==> flow/design.v <==
module sync_times_blk #(
  parameter NBITS = 7
) (
  input  logic CLK,
  input  logic [NBITS-1:0] in_u,
  input  logic [NBITS-1:0] in_v,
  output logic [2*NBITS-1:0] out_out
);
  logic [NBITS-1:0] u_d1;
  logic [NBITS-1:0] v_d1;
  wire [2*NBITS-1:0] nd [0:NBITS];
  assign nd[0] = 0;
  for (genvar g = 0; g < NBITS; g++) begin : g_bit
    assign nd[g+1] = nd[g] + (v_d1[g] ? {{NBITS{1'b0}}, u_d1} << g : {2*NBITS{1'b0}});
  end
  assign out_out = nd[NBITS];
  always_ff @(posedge CLK) begin
    u_d1 <= in_u;
    v_d1 <= in_v;
  end
endmodule
== From RTL to reports: sync_times_blk ==
The steps from the RTL of sync_times_blk to its reports follow in flow order.
Line numbers count from 1 in the design file above.
Operators carry their Yosys type and port widths (W data, S select, Z words).
Library cell names are shortened.
Not given: n/a

* Design top: sync_times_blk
* Clock: CLK
* Standard-cell library: sky130hd
* Library corner: tt_025C_1v80

== Word-level counts ==
Source: Yosys, flattened and elaborated, memories not mapped. Widths are those after wreduce; folded enables and synchronous resets count as part of the registers. Registers that Yosys merges into a memory's read port (data or address) are not register bits. Print and check cells do not count. Equal cells are merged and count once.

* Eq/ne operators: 0
* Mux-type cells: 7
* Multiply operators: 0
* Bitwise operators: 0
* Add/subtract/negate cells: 6
* Div/mod/pow operators: 0
* Shifts and indexed selects: 0
* Magnitude comparators: 0
* Reductions and logical operators: 0

{| class="wikitable"
|+ Operators by type and width
! cell !! number
|-
| $add A13 B13 Y14 || 1
|-
| $add A12 B12 Y13 || 1
|-
| $mux W13 || 1
|-
| $add A11 B11 Y12 || 1
|-
| $mux W12 || 1
|-
| $add A10 B10 Y11 || 1
|-
| $mux W11 || 1
|-
| $add A9 B9 Y10 || 1
|-
| $mux W10 || 1
|-
| $add A7 B8 Y9 || 1
|-
| $mux W9 || 1
|-
| $mux W8 || 1
|-
| $mux W7 || 1
|}

* Bits in writable memories: 0
* Clocked read ports x word width: 0
* Flip-flop bits (word level): 14
* ROM bits: 0
* Input bits: 15
* Cells after elaboration: 15
* Memories: 0
* Latch bits: 0

== Depth ==
Depth = most cells in a row (Yosys ltp): at word level without a register or memory, in the mapped netlist without a sequential cell, where the memories' decode and read muxes count.

* Depth after elaboration: 7
* ABC_AREA: 0
* Depth in mapped cells: 13
* Gate-level depth less buffers: 13

== Synthesis result ==
Yosys stat after the flow's synthesis: flattened, memories mapped to cells. It holds for the ABC_AREA given above (unset counts as 0); a run with the other value may have another netlist.

{| class="wikitable"
|+ Cells by type
! cell !! number !! area in all (um^2)
|-
| fa_1 || 27 || 540.518
|-
| ha_1 || 27 || 337.824
|-
| dfxtp_1 || 14 || 280.269
|-
| and2_1 || 39 || 243.984
|-
| inv_1 || 27 || 101.347
|-
| nand2_1 || 14 || 52.55
|-
| xnor2_1 || 5 || 43.792
|-
| a21oi_1 || 4 || 20.019
|-
| mux2i_1 || 2 || 20.019
|-
| xor2_1 || 2 || 17.517
|-
| a211oi_2 || 1 || 12.512
|-
| o31ai_2 || 1 || 12.512
|-
| and4b_1 || 1 || 10.01
|-
| nand3_1 || 2 || 10.01
|-
| o21ai_0 || 2 || 10.01
|-
| a21o_2 || 1 || 8.758
|-
| a21oi_2 || 1 || 8.758
|-
| a21o_1 || 1 || 7.507
|}

Other cell types: 5; their cells: 5.

* Standard cells after synthesis: 176
* Synthesis area: 1767.9 um^2
* Mapped flip-flops: 14
* Sequential part of the area: 280.3 um^2
* Buffer cells: 0

== Timing after synthesis ==
Source: OpenSTA report_checks on the synthesized netlist (no wires, ideal clock, input and output delay 20% of the period each), path of least setup slack; recovery checks are left aside. Register names are those of the netlist, which keeps one name where synthesis merged equal registers.

* Path type: register to output
* Start point: register u_d1[3]
* End point: output out_out[11]
* Arrival: 3.850 ns
* Slack: 0.966 ns
* Period: 6.02 ns
* Output delay: 1.204 ns
* Required time: 4.816 ns
* Launch time at the first pin: 0.000 ns
* Delay of the path: 3.850 ns
* Driving pins on the path: 13
* Path buffers: 0
* Period reached after synthesis: 5.054 ns

"delay of the path" is the arrival time less input delay plus setup time.
At an output port there is no setup time.
"driving pins on the path" counts driving pins, that of a launching flip-flop among them; a cell with two outputs on the path counts twice.
"period reached after synthesis" is the clock period less the worst setup slack; recovery checks do not enter. This is arithmetic on one report: input and output delays are still those of the set period (20% each).
Between the ends stands the longest chain of elaborated cells between them, by number of cells; it is not shown to be the way that was timed. Of several equally long chains one is given.
A line is the first line of the expression or statement that the cell stems from. Yosys adds cells for indexed reads and writes and turns some case tables into memories.

* Path through: dfxtp_1 -> and2_1 -> fa_1 -> inv_1 -> fa_1 -> fa_1 -> inv_1 -> fa_1 -> fa_1 -> a21o_2 -> a21oi_2 -> o21ai_0 -> xor2_1
* Cells in the longest elaborated chain: 7
* Elaborated cells between the ends (all ways): 13
* Source lines of those cells: 1
* Classes of those cells: add/sub (6); mux (7)

{| class="wikitable"
|+ RTL lines, path post-synthesis
! item !! line !! text
|-
| start, declared || 9 || <nowiki>logic [NBITS-1:0] u_d1;</nowiki>
|-
| start, assigned || 18 || <nowiki>u_d1 <= in_u;</nowiki>
|-
| $mux W7 || 14 || <nowiki>assign nd[g+1] = nd[g] + (v_d1[g] ? {{NBITS{1'b0}}, u_d1} << g : {2*NBITS{1'b0}});</nowiki>
|-
| $add A7 B8 Y9 || 14 ||
|-
| $add A9 B9 Y10 || 14 ||
|-
| $add A10 B10 Y11 || 14 ||
|-
| $add A11 B11 Y12 || 14 ||
|-
| $add A12 B12 Y13 || 14 ||
|-
| $add A13 B13 Y14 || 14 ||
|-
| end, declared || 7 || <nowiki>output logic [2*NBITS-1:0] out_out</nowiki>
|}

== Timing after layout ==
From the final timing report of record 2: the path of least setup slack in the routed layout; clock arrival at registers is part of the times.

* Path type: register to output
* Start point: register u_d1[3]
* End point: output out_out[11]
* Path buffers: 1
* Arrival: 3.92 ns
* Driving pins on the path: 14
* Launch time at the first pin: 0.24 ns
* Period: 3.07 ns
* Slack: -1.47 ns
* Required time: 2.46 ns
* Output delay: 0.61 ns

Between the ends stands the longest chain of elaborated cells between them, by number of cells; it is not shown to be the way that was timed. Of several equally long chains one is given.

* Path through: dfxtp_4 -> and2_4 -> fa_1 -> inv_1 -> fa_1 -> fa_1 -> inv_2 -> fa_2 -> fa_2 -> a21o_2 -> a21oi_4 -> o21ai_1 -> xor2_1 -> buf_2
* Cells in the longest elaborated chain: 7
* Elaborated cells between the ends (all ways): 13
* Source lines of those cells: 1
* Classes of those cells: add/sub (6); mux (7)

{| class="wikitable"
|+ RTL lines, path after layout
! item !! line !! text
|-
| start, declared || 9 || <nowiki>logic [NBITS-1:0] u_d1;</nowiki>
|-
| start, assigned || 18 || <nowiki>u_d1 <= in_u;</nowiki>
|-
| $mux W7 || 14 || <nowiki>assign nd[g+1] = nd[g] + (v_d1[g] ? {{NBITS{1'b0}}, u_d1} << g : {2*NBITS{1'b0}});</nowiki>
|-
| $add A7 B8 Y9 || 14 ||
|-
| $add A9 B9 Y10 || 14 ||
|-
| $add A10 B10 Y11 || 14 ||
|-
| $add A11 B11 Y12 || 14 ||
|-
| $add A12 B12 Y13 || 14 ||
|-
| $add A13 B13 Y14 || 14 ||
|-
| end, declared || 7 || <nowiki>output logic [2*NBITS-1:0] out_out</nowiki>
|}

FLOW RESULTS
============

Flow measurements of sync_times_blk on sky130hd: 3 stored runs with different settings, listed in no order. Input and output delays are each 20% of the period that was set; the output load is 0.01 pF.
"clock period achieved" is the run's clock period less its worst setup slack. It is reckoned from that one timing run; input and output delays stay at 20% of the period that was set.
"time of the worst setup path" = time allowed to the worst setup path (clock period - input delay - output delay, where it has them) - its slack; a late launch clock adds to it, a late capture clock takes from it.
"total power of the final layout" rests on the timing tool's default activity at the inputs, not on a simulated workload.

=== Record 1 ===
{| class="wikitable"
! Setting !! Value
|-
| period_ns || 2.96
|-
| CORE_UTILIZATION || 67
|-
| SETUP_SLACK_MARGIN || 0.09
|-
| PLACE_DENSITY || 0.78
|-
| HOLD_SLACK_MARGIN || 0.24
|-
| CORE_MARGIN || 6
|-
| CELL_PAD_IN_SITES_GLOBAL_PLACEMENT || 1
|-
| TNS_END_PERCENT || 45
|-
| GPL_TIMING_DRIVEN || 0
|-
| CTS_CLUSTER_SIZE || 21
|-
| CAP_MARGIN || 30
|-
| SLEW_MARGIN || 30
|-
| MAX_ROUTING_LAYER || met4
|}
Not finished: placement ended with error GPL-0301.

=== Record 2 ===
{| class="wikitable"
! Setting !! Value
|-
| period_ns || 3.07
|-
| CORE_UTILIZATION || 45
|-
| PLACE_DENSITY_LB_ADDON || 0.29
|-
| CORE_MARGIN || 2
|-
| CELL_PAD_IN_SITES_GLOBAL_PLACEMENT || 1
|-
| GPL_TIMING_DRIVEN || 0
|-
| CAP_MARGIN || 40
|-
| MIN_ROUTING_LAYER || met2
|-
| SLEW_MARGIN || 20
|-
! Result !! Value
|-
| Netlist area reported by Yosys || 1767.9 um^2
|-
| Overall die area || 4446.2 um^2
|-
| Std-cell area (final layout) || 2407.3 um^2
|-
| Post-route utilization || 64.8 %
|-
| Worst setup slack after layout || -1.466 ns
|-
| Summed negative setup slack || -11.067 ns
|-
| Worst hold slack in the final report || 0.806 ns
|-
| Total power of the final layout || 1365 uW
|-
| Clock period achieved || 4.536 ns
|-
| Time of the worst setup path || 3.92 ns
|-
| Worst path kind || register to output
|}

=== Record 3 ===
{| class="wikitable"
! Setting !! Value
|-
| period_ns || 6.02
|-
| CAP_MARGIN || 20
|-
| CORE_MARGIN || 2
|-
| CORE_UTILIZATION || 40
|-
| SLEW_MARGIN || 20
|-
! Result !! Value
|-
| Netlist area reported by Yosys || 1767.9 um^2
|-
| Overall die area || 4967.4 um^2
|-
| Std-cell area (final layout) || 2183.3 um^2
|-
| Post-route utilization || 50.8 %
|-
| Worst setup slack after layout || 0.288 ns
|-
| Summed negative setup slack || 0.000 ns
|-
| Worst hold slack in the final report || 1.402 ns
|-
| Total power of the final layout || 642.4 uW
|-
| Clock period achieved || 5.732 ns
|-
| Time of the worst setup path || 4.53 ns
|-
| Worst path kind || register to output
|}
